==> flow/design.v <==
module mul_core #(
    parameter integer XLEN = 18
) (
    input  logic i_clk,
    input  logic aresetn,
    input  logic [XLEN-1:0] first_i,
    input  logic [XLEN-1:0] second_i,
    input  logic [2*XLEN-1:0] third_i,
    output logic [2*XLEN:0] result_o
);
    logic [XLEN-1:0] first_s;
    logic [XLEN-1:0] second_s;
    logic [2*XLEN-1:0] third_s;
    logic [2*XLEN:0] result_s;
    always_ff @(posedge i_clk or negedge aresetn) begin
        if (!aresetn) begin
            first_s <= '0;
            second_s <= '0;
            third_s <= '0;
            result_s <= '0;
        end else begin
            first_s <= first_i;
            second_s <= second_i;
            third_s <= third_i;
            result_s <= first_s * second_s + third_s;
        end
    end
    assign result_o = result_s;
endmodule
Tool chain data of mul_core. The steps from the RTL of mul_core to its reports follow in flow order. Line numbers count from 1 in the design file above. Cell names lack the library's common part. The mark -- stands for no value.

Top module: mul_core. Clock input: i_clk. Cell library: sky130hd. Timing corner: tt_025C_1v80.

Elaborated design. Counts by Yosys on the flattened word-level netlist (proc, flatten, opt, wreduce; memories kept). Register bits leave out memories and registers merged into their read ports (data or address); mux counts leave out enables and synchronous resets folded into registers. Print and check cells are left out. Cells with the same type and inputs are merged into one.

Under bits in registers stands 109. For bits of input ports the number is 74. Under output and inout port bits stands 37. The entry for cells after elaboration reads 6.

For add/subtract/negate cells the number is 1. The figure for multiply operators is 1.

Operators by type and width (count): multiplier 18 x 18 -> 36 bit (1); adder 36 x 36 -> 37 bit (1).

Longest topological paths. Depth = most cells in a row (Yosys ltp): at word level without a register or memory, in the mapped netlist without a sequential cell, where the memories' decode and read muxes count.

For depth in word-level cells the number is 2. Under ABC_AREA stands 0. Under gate-level depth with buffers stands 23. Under depth with buffers taken out stands 21.

Mapped cells and area. The flow's flattened synthesis, as Yosys stat reports it; memories are mapped. The netlist is that of the ABC_AREA named above (0 if unset); the other value can give another one. Totals and module areas in this step are rounded.

The entry for standard cells after synthesis reads 1516. The figure for chip area (Yosys) is 15000 um2. For sequential area the number is 2700 um2. Under flip-flop cells stands 109. For buffers the number is 48.

Cells by type: fa_1 (count 290, total area 5.81E+03 um2); dfrtp_1 (count 109, total area 2.73E+03 um2); inv_1 (count 408, total area 1.53E+03 um2); ha_1 (count 116, total area 1.45E+03 um2); and2_1 (count 187, total area 1.17E+03 um2); nand2_1 (count 170, total area 638.112 um2); clkbuf_1 (count 47, total area 176.419 um2); a21oi_1 (count 35, total area 175.168 um2); xnor2_1 (count 20, total area 175.168 um2); o21ai_0 (count 21, total area 105.101 um2); xor2_1 (count 11, total area 96.342 um2); nor2_1 (count 21, total area 78.826 um2); a31oi_1 (count 8, total area 50.048 um2); o21bai_1 (count 6, total area 45.043 um2); nor2b_1 (count 7, total area 43.792 um2); a21o_1 (count 5, total area 37.536 um2); nand4_1 (count 6, total area 37.536 um2); o211ai_1 (count 4, total area 30.029 um2).

Other cell types: 24; their cells: 45.

Timing after synthesis. OpenSTA on the mapped netlist: ideal clock, no wires. The path of least setup slack (recovery checks aside). Input and output delay are each 20% of the period. Register names are those of the netlist, which keeps one name where synthesis merged equal registers.

Path kind: reg-to-reg. From: reg first_s[9]. To: reg result_s[36]. For period the number is 7.21 ns. For library setup time the number is 0.080 ns. Under time at the first pin stands 0.000 ns. For arrival the number is 5.685 ns. The entry for data required time reads 7.130 ns. The entry for slack reads 1.445 ns. For path delay the number is 5.765 ns. The entry for stages on the path reads 22. For buffers on the path the number is 2. Under synthesis period reached stands 5.765 ns.

"path delay" is the arrival time less input delay plus setup time. "stages on the path" counts driving pins, that of a launching flip-flop among them; a cell with two outputs on the path counts twice. "synthesis period reached" = period - worst setup slack (recovery checks aside). The figure is calculated, with input and output delays left at 20% of the set period. The rows between start and end are the longest chain of elaborated cells between them; the timing report does not say that the signal goes this way. Where chains are equally long, one stands for them. Each line given opens the expression or statement behind the cell; cells for indexed reads and writes are added by Yosys, which also makes memories of some case tables.

Cells stage by stage: dfrtp_1 -> clkbuf_1 -> and2_1 -> fa_1 -> fa_1 -> inv_1 -> fa_1 -> inv_1 -> fa_1 -> fa_1 -> inv_1 -> fa_1 -> inv_1 -> ha_1 -> buf_2 -> nand4_2 -> o31ai_1 -> a31oi_1 -> a211oi_2 -> o2111ai_2 -> o41ai_2 -> xnor2_1. For length of the longest elaborated chain the number is 2. Elaborated cells between the ends (all ways): 2. Under RTL lines with such cells stands 1. Classes of those cells: add/sub (1); mul (1).

RTL lines, path post-synthesis: start: declaration (line 11) `logic [XLEN-1:0] first_s;`; start: assignment (line 17) `first_s <= '0;`; start: assignment (line 22) `first_s <= first_i;`; multiplier 18 x 18 -> 36 bit (line 25) `result_s <= first_s * second_s + third_s;`; adder 36 x 36 -> 37 bit (line 25); end: assignment (line 20) `result_s <= '0;`; end: assignment (line 25); end: declaration (line 14) `logic [2*XLEN:0] result_s;`.

Path in the finished layout. From the final timing report of entry B: the path of least setup slack in the routed layout; clock arrival at registers is part of the times.

Path kind: reg-to-reg. From: reg second_s[4]. To: reg result_s[36]. For period the number is 7.21 ns. For library setup time the number is 0.07 ns. Under time at the first pin stands 0.37 ns. For arrival the number is 6.66 ns. The entry for data required time reads 7.52 ns. The entry for slack reads 0.85 ns. The entry for stages on the path reads 17. For buffers on the path the number is 0.

The rows between start and end are the longest chain of elaborated cells between them; the timing report does not say that the signal goes this way. Where chains are equally long, one stands for them.

Cells stage by stage: dfrtp_1 -> nand2_1 -> fa_1 -> fa_1 -> fa_1 -> fa_1 -> inv_1 -> fa_1 -> fa_1 -> ha_1 -> nand4_2 -> nor3_2 -> o211ai_1 -> a211oi_2 -> o2111ai_2 -> o41ai_2 -> xnor2_1. For length of the longest elaborated chain the number is 2. Elaborated cells between the ends (all ways): 2. Under RTL lines with such cells stands 1. Classes of those cells: add/sub (1); mul (1).

RTL lines, path post-layout: start: declaration (line 12) `logic [XLEN-1:0] second_s;`; start: assignment (line 18) `second_s <= '0;`; start: assignment (line 23) `second_s <= second_i;`; multiplier 18 x 18 -> 36 bit (line 25) `result_s <= first_s * second_s + third_s;`; adder 36 x 36 -> 37 bit (line 25); end: assignment (line 20) `result_s <= '0;`; end: assignment (line 25); end: declaration (line 14) `logic [2*XLEN:0] result_s;`.

## Implementation results

Settings and measured results of 3 stored flow runs for module mul_core (sky130hd), not sorted in any way. The constraints put input and output delay at 20% of the set period each and load the outputs with 0.01 pF. Measured values are rounded.

Files of entry A:
==> flow/run.sh <==
#!/bin/bash
# the make line also repeats the synthesis and layout settings of config.mk as NAME=value (left out here)
make -C /OpenROAD-flow-scripts/flow DESIGN_CONFIG=/design/flow/config.mk WORK_HOME=/design/flow/orfs CLKGATE_MAP_FILE= finish
==> flow/config.mk <==
export PLATFORM = sky130hd
export DESIGN_NAME = mul_core
export DESIGN_NICKNAME = mul_core
export VERILOG_FILES = /design/flow/design.v
export SDC_FILE = /design/flow/constraint.sdc
export NUM_CORES = 4
export LEC_CHECK = 0
export ABC_AREA = 0
export CAP_MARGIN = 20
export CORE_MARGIN = 2
export CORE_UTILIZATION = 71
export CTS_CLUSTER_DIAMETER = 95
export PLACE_DENSITY = 0.68
export SETUP_SLACK_MARGIN = 0.74
export SLEW_MARGIN = 40
export TNS_END_PERCENT = 50
==> flow/constraint.sdc <==
create_clock -name core_clock -period 4.39 [get_ports {i_clk}]
set_input_delay 0.8780 -clock core_clock [delete_from_list [all_inputs] [get_ports {i_clk}]]
set_output_delay 0.8780 -clock core_clock [all_outputs]
set_load 0.01 [all_outputs]

Outcome of entry A: incomplete, routing halted on GRT-0232.

Files of entry B:
==> flow/run.sh <==
#!/bin/bash
# the make line also repeats the synthesis and layout settings of config.mk as NAME=value (left out here)
make -C /OpenROAD-flow-scripts/flow DESIGN_CONFIG=/design/flow/config.mk WORK_HOME=/design/flow/orfs CLKGATE_MAP_FILE= finish
==> flow/config.mk <==
export PLATFORM = sky130hd
export DESIGN_NAME = mul_core
export DESIGN_NICKNAME = mul_core
export VERILOG_FILES = /design/flow/design.v
export SDC_FILE = /design/flow/constraint.sdc
export NUM_CORES = 4
export LEC_CHECK = 0
export CAP_MARGIN = 20
export CORE_MARGIN = 2
export CORE_UTILIZATION = 40
export SLEW_MARGIN = 20
==> flow/constraint.sdc <==
create_clock -name core_clock -period 7.21 [get_ports {i_clk}]
set_input_delay 1.4420 -clock core_clock [delete_from_list [all_inputs] [get_ports {i_clk}]]
set_output_delay 1.4420 -clock core_clock [all_outputs]
set_load 0.01 [all_outputs]

Results of entry B. The measured worst slack on setup checks is 0.85 ns. For the die size the run shows 38000 um2. The area of the synthesized netlist stands at 15000 um2. For the post-route setup TNS the run shows 0.000 ns. The measured worst hold slack after layout is 0.50 ns. For the standard-cell area after layout the run shows 17000 um2. The measured utilization of the finished layout is 45 %.

Files of entry C:
==> flow/run.sh <==
#!/bin/bash
# the make line also repeats the synthesis and layout settings of config.mk as NAME=value (left out here)
make -C /OpenROAD-flow-scripts/flow DESIGN_CONFIG=/design/flow/config.mk WORK_HOME=/design/flow/orfs CLKGATE_MAP_FILE= finish
==> flow/config.mk <==
export PLATFORM = sky130hd
export DESIGN_NAME = mul_core
export DESIGN_NICKNAME = mul_core
export VERILOG_FILES = /design/flow/design.v
export SDC_FILE = /design/flow/constraint.sdc
export NUM_CORES = 4
export LEC_CHECK = 0
export CAP_MARGIN = 20
export CORE_MARGIN = 6
export CORE_UTILIZATION = 18
export CTS_CLUSTER_SIZE = 67
export PLACE_DENSITY_LB_ADDON = 0.0
export SETUP_SLACK_MARGIN = -0.22
export SLEW_MARGIN = 5
==> flow/constraint.sdc <==
create_clock -name core_clock -period 9.04 [get_ports {i_clk}]
set_input_delay 1.8080 -clock core_clock [delete_from_list [all_inputs] [get_ports {i_clk}]]
set_output_delay 1.8080 -clock core_clock [all_outputs]
set_load 0.01 [all_outputs]

Results of entry C. The measured utilization of the finished layout is 22 %. For the post-route setup TNS the run shows 0.000 ns. The measured worst slack on setup checks is 2.2 ns. For the die size the run shows 89000 um2. The area of the synthesized netlist stands at 15000 um2. The measured worst hold slack after layout is 0.49 ns. For the standard-cell area after layout the run shows 17000 um2.
